==> flow/design.v <==
module shft #(
  parameter XLEN = 8,
  parameter SW = $clog2(XLEN)
) (
  input ck,
  input rst_n,
  input enable,
  input [XLEN-1:0] bus,
  input [SW-1:0] sa,
  output reg [XLEN-1:0] y
);
  reg [XLEN-1:0] bus_s;
  reg [SW-1:0] sa_s;
  wire [XLEN-1:0] node [0:SW];
  assign node[0] = bus_s;
  genvar ii;
  generate
    for (ii = 0; ii < SW; ii = ii + 1) begin : each
      assign node[ii+1] = sa_s[ii] ? node[ii] >> (1 << ii) : node[ii];
    end
  endgenerate
  always @(posedge ck) begin
    if (!rst_n) begin
      bus_s <= 0;
      sa_s <= 0;
      y <= 0;
    end else if (enable) begin
      bus_s <= bus;
      sa_s <= sa;
      y <= node[SW];
    end
  end
endmodule
-- Reports on shft
Tool output for the design above, in the order of the flow.
Lines are those of the file above, counted from 1.
A cell with - has no value.
- design top: shft
- clock port: ck
- cell library: sky130hd
- timing corner: tt_025C_1v80

-- After elaboration
Counts by Yosys on the flattened word-level netlist (proc, flatten, opt, wreduce). Print and check cells are left out. Cells with the same type and inputs are merged into one.
- noted register bits: 19
- noted bits in latches: 0
- noted RAM bits: 0
- bits in read-only memories: 0
- word width x clocked read ports at 0
- memories: 0
- input port bits at 14
- output and inout port bits: 8
- noted add/sub/neg operators: 0
- noted multiply operators: 0
- noted div/mod/pow operators: 0
- magnitude comparators at 0
- eq/ne operators: 0
- noted shift operators: 0
- mux-type cells: 3
- bitwise gates (word level) at 0
- noted reduce/logical cells: 0
- operators with widths (operator ; number):
    2-to-1 mux 8 bit ; 3

-- Logic depth
Longest topological path by Yosys (ltp), each cell counted once; first at word level (registers and memories cut), then after technology mapping (sequential cells cut; the memories' decode and read muxes count).
- word-level depth: 3
- ABC_AREA at 0
- depth in mapped cells: 6

-- Mapped cells and area
Yosys stat after the flow's synthesis: flattened, memories mapped to cells. It holds for the ABC_AREA given above (unset counts as 0); a run with the other value may have another netlist.
- cell count: 90
- chip area (Yosys) at 943.4 µm²
- noted flip-flop cells: 19
- buffers: 6
- cell types (cell ; number):
    sky130_fd_sc_hd__dfxtp_1 ; 19
    sky130_fd_sc_hd__mux2i_1 ; 15
    sky130_fd_sc_hd__nor2b_1 ; 21
    sky130_fd_sc_hd__mux4_1 ; 3
    sky130_fd_sc_hd__a21oi_1 ; 5
    sky130_fd_sc_hd__mux4_2 ; 1
    sky130_fd_sc_hd__nor3b_1 ; 2
    sky130_fd_sc_hd__buf_6 ; 1
    sky130_fd_sc_hd__mux2_2 ; 1
    sky130_fd_sc_hd__nand2_1 ; 3
    sky130_fd_sc_hd__a2111oi_1 ; 1
    sky130_fd_sc_hd__o21ai_0 ; 2
    sky130_fd_sc_hd__o32ai_1 ; 1
    sky130_fd_sc_hd__a211oi_1 ; 1
    sky130_fd_sc_hd__a21boi_0 ; 1
    sky130_fd_sc_hd__buf_1 ; 2
    sky130_fd_sc_hd__clkbuf_1 ; 2
    sky130_fd_sc_hd__nor2_1 ; 2
Not listed: further types 7, cells in them 7.

-- Timing after synthesis
OpenSTA on the mapped netlist: ideal clock, no wires. The path of least setup slack (recovery checks aside). Input and output delay are each 20% of the period. Register names are those of the netlist, which keeps one name where synthesis merged equal registers.
- path type: reg-to-reg
- start point: reg sa_s[0]
- end point: reg y[0]
- noted clock period: 1.96 ns
- noted time at the first pin: 0.000 ns
- arrival: 1.443 ns
- data required time at 1.832 ns
- noted path slack: 0.389 ns
- delay of the path: 1.571 ns
- noted stages on the path: 6
- noted buffers on the path: 1
- synthesis period reached at 1.571 ns
"delay of the path" is the arrival time less input delay plus setup time.
"stages on the path" counts driving pins, that of a launching flip-flop among them; a cell with two outputs on the path counts twice.
"synthesis period reached" = period - worst setup slack (recovery checks aside). The figure is calculated, with input and output delays left at 20% of the set period.
Between the ends stands the longest chain of elaborated cells between them, by number of cells; it is not shown to be the way that was timed. Of several equally long chains one is given.
Each line given opens the expression or statement behind the cell; cells for indexed reads and writes are added by Yosys, which also makes memories of some case tables.
- cell sequence: sky130_fd_sc_hd__dfxtp_1 -> sky130_fd_sc_hd__buf_6 -> sky130_fd_sc_hd__mux4_2 -> sky130_fd_sc_hd__and2_0 -> sky130_fd_sc_hd__a2111oi_1 -> sky130_fd_sc_hd__nor2b_1
- length of the longest elaborated chain: 3
- elaborated cells between the ends (all ways) at 3
- RTL lines with such cells at 1
- those cells by class: mux (3)
- ends and longest elaborated chain, post-synthesis (item ; line ; RTL):
    start, declared ; 13 ; reg [SW-1:0] sa_s;
    start, assigned ; 25 ; sa_s <= 0;
    start, assigned ; 29 ; sa_s <= sa;
    2-to-1 mux 8 bit (3 in a row) ; 19 ; assign node[ii+1] = sa_s[ii] ? node[ii] >> (1 << ii) : node[ii];
    end, assigned ; 26 ; y <= 0;
    end, assigned ; 30 ; y <= node[SW];
    end, declared ; 10 ; output reg [XLEN-1:0] y

-- Path in the finished layout
Path of least setup slack in the final report of flow run 1 (OpenROAD, finished layout, wires in). Where an end is a register, its clock arrival counts in the times.
- path type: reg-to-reg
- start point: reg sa_s[0]
- end point: reg y[0]
- noted clock period: 3.03 ns
- noted time at the first pin: 0.25 ns
- arrival: 2.15 ns
- data required time at 3.17 ns
- noted path slack: 1.02 ns
- noted stages on the path: 5
- noted buffers on the path: 0
Between the ends stands the longest chain of elaborated cells between them, by number of cells; it is not shown to be the way that was timed. Of several equally long chains one is given.
- cell sequence: sky130_fd_sc_hd__dfxtp_1 -> sky130_fd_sc_hd__mux4_2 -> sky130_fd_sc_hd__and2_0 -> sky130_fd_sc_hd__a2111oi_1 -> sky130_fd_sc_hd__nor2b_1
- length of the longest elaborated chain: 3
- elaborated cells between the ends (all ways) at 3
- RTL lines with such cells at 1
- those cells by class: mux (3)
- ends and longest elaborated chain, post-layout (item ; line ; RTL):
    start, declared ; 13 ; reg [SW-1:0] sa_s;
    start, assigned ; 25 ; sa_s <= 0;
    start, assigned ; 29 ; sa_s <= sa;
    2-to-1 mux 8 bit (3 in a row) ; 19 ; assign node[ii+1] = sa_s[ii] ? node[ii] >> (1 << ii) : node[ii];
    end, assigned ; 26 ; y <= 0;
    end, assigned ; 30 ; y <= node[SW];
    end, declared ; 10 ; output reg [XLEN-1:0] y

Add stored flow runs of shft

Measured results for shft: 3 stored runs of the Yosys and OpenROAD flow on sky130hd. The settings differ; the order carries no meaning. The constraints put input and output delay at 20% of the set period each and load the outputs with 0.01 pF.
By "achieved clock period" is meant the clock period of the run minus its worst setup slack. This is arithmetic on one report: input and output delays are still those of the set period (20% each).
"time of the worst setup path" is the time allowed to the run's worst setup path (the clock period less input and output delay, where it has them) less its slack. Clock arrival times count: a late capture clock shortens it, a late launch clock lengthens it.

Flow run 1
Settings were period_ns = 3.03; CORE_UTILIZATION = 32; SETUP_SLACK_MARGIN = 0.51; PLACE_DENSITY = 0.83; CORE_ASPECT_RATIO = 0.61; TNS_END_PERCENT = 85; GPL_ROUTABILITY_DRIVEN = 1; CAP_MARGIN = 20; CORE_MARGIN = 2; SLEW_MARGIN = 20
- time of the worst setup path at 2.01 ns
- kind of the worst setup path: reg-to-reg
- post-layout utilization: 0.433
- setup slack of the critical path at 1.022 ns
- achieved clock period: 2.008 ns
- full die area at 3411.7 µm²
- synthesis area at 943.4 µm²
- worst hold slack after layout at 0.491 ns

Flow run 2
Settings were period_ns = 1.54; CORE_UTILIZATION = 44; PLACE_DENSITY_LB_ADDON = 0.1; CORE_MARGIN = 8; TNS_END_PERCENT = 45; MIN_ROUTING_LAYER = met1; MAX_ROUTING_LAYER = met4; CAP_MARGIN = 20; SLEW_MARGIN = 20
- time of the worst setup path at 1.20 ns
- kind of the worst setup path: reg-to-output
- post-layout utilization: 0.635
- setup slack of the critical path at 0.037 ns
- achieved clock period: 1.503 ns
- full die area at 3881.9 µm²
- synthesis area at 943.4 µm²
- worst hold slack after layout at 0.479 ns

Flow run 3
Settings were period_ns = 1.96; CAP_MARGIN = 20; CORE_MARGIN = 2; CORE_UTILIZATION = 40; SLEW_MARGIN = 20
- time of the worst setup path at 1.61 ns
- kind of the worst setup path: reg-to-reg
- post-layout utilization: 0.552
- setup slack of the critical path at 0.351 ns
- achieved clock period: 1.609 ns
- full die area at 2763.1 µm²
- synthesis area at 943.4 µm²
- worst hold slack after layout at 0.489 ns
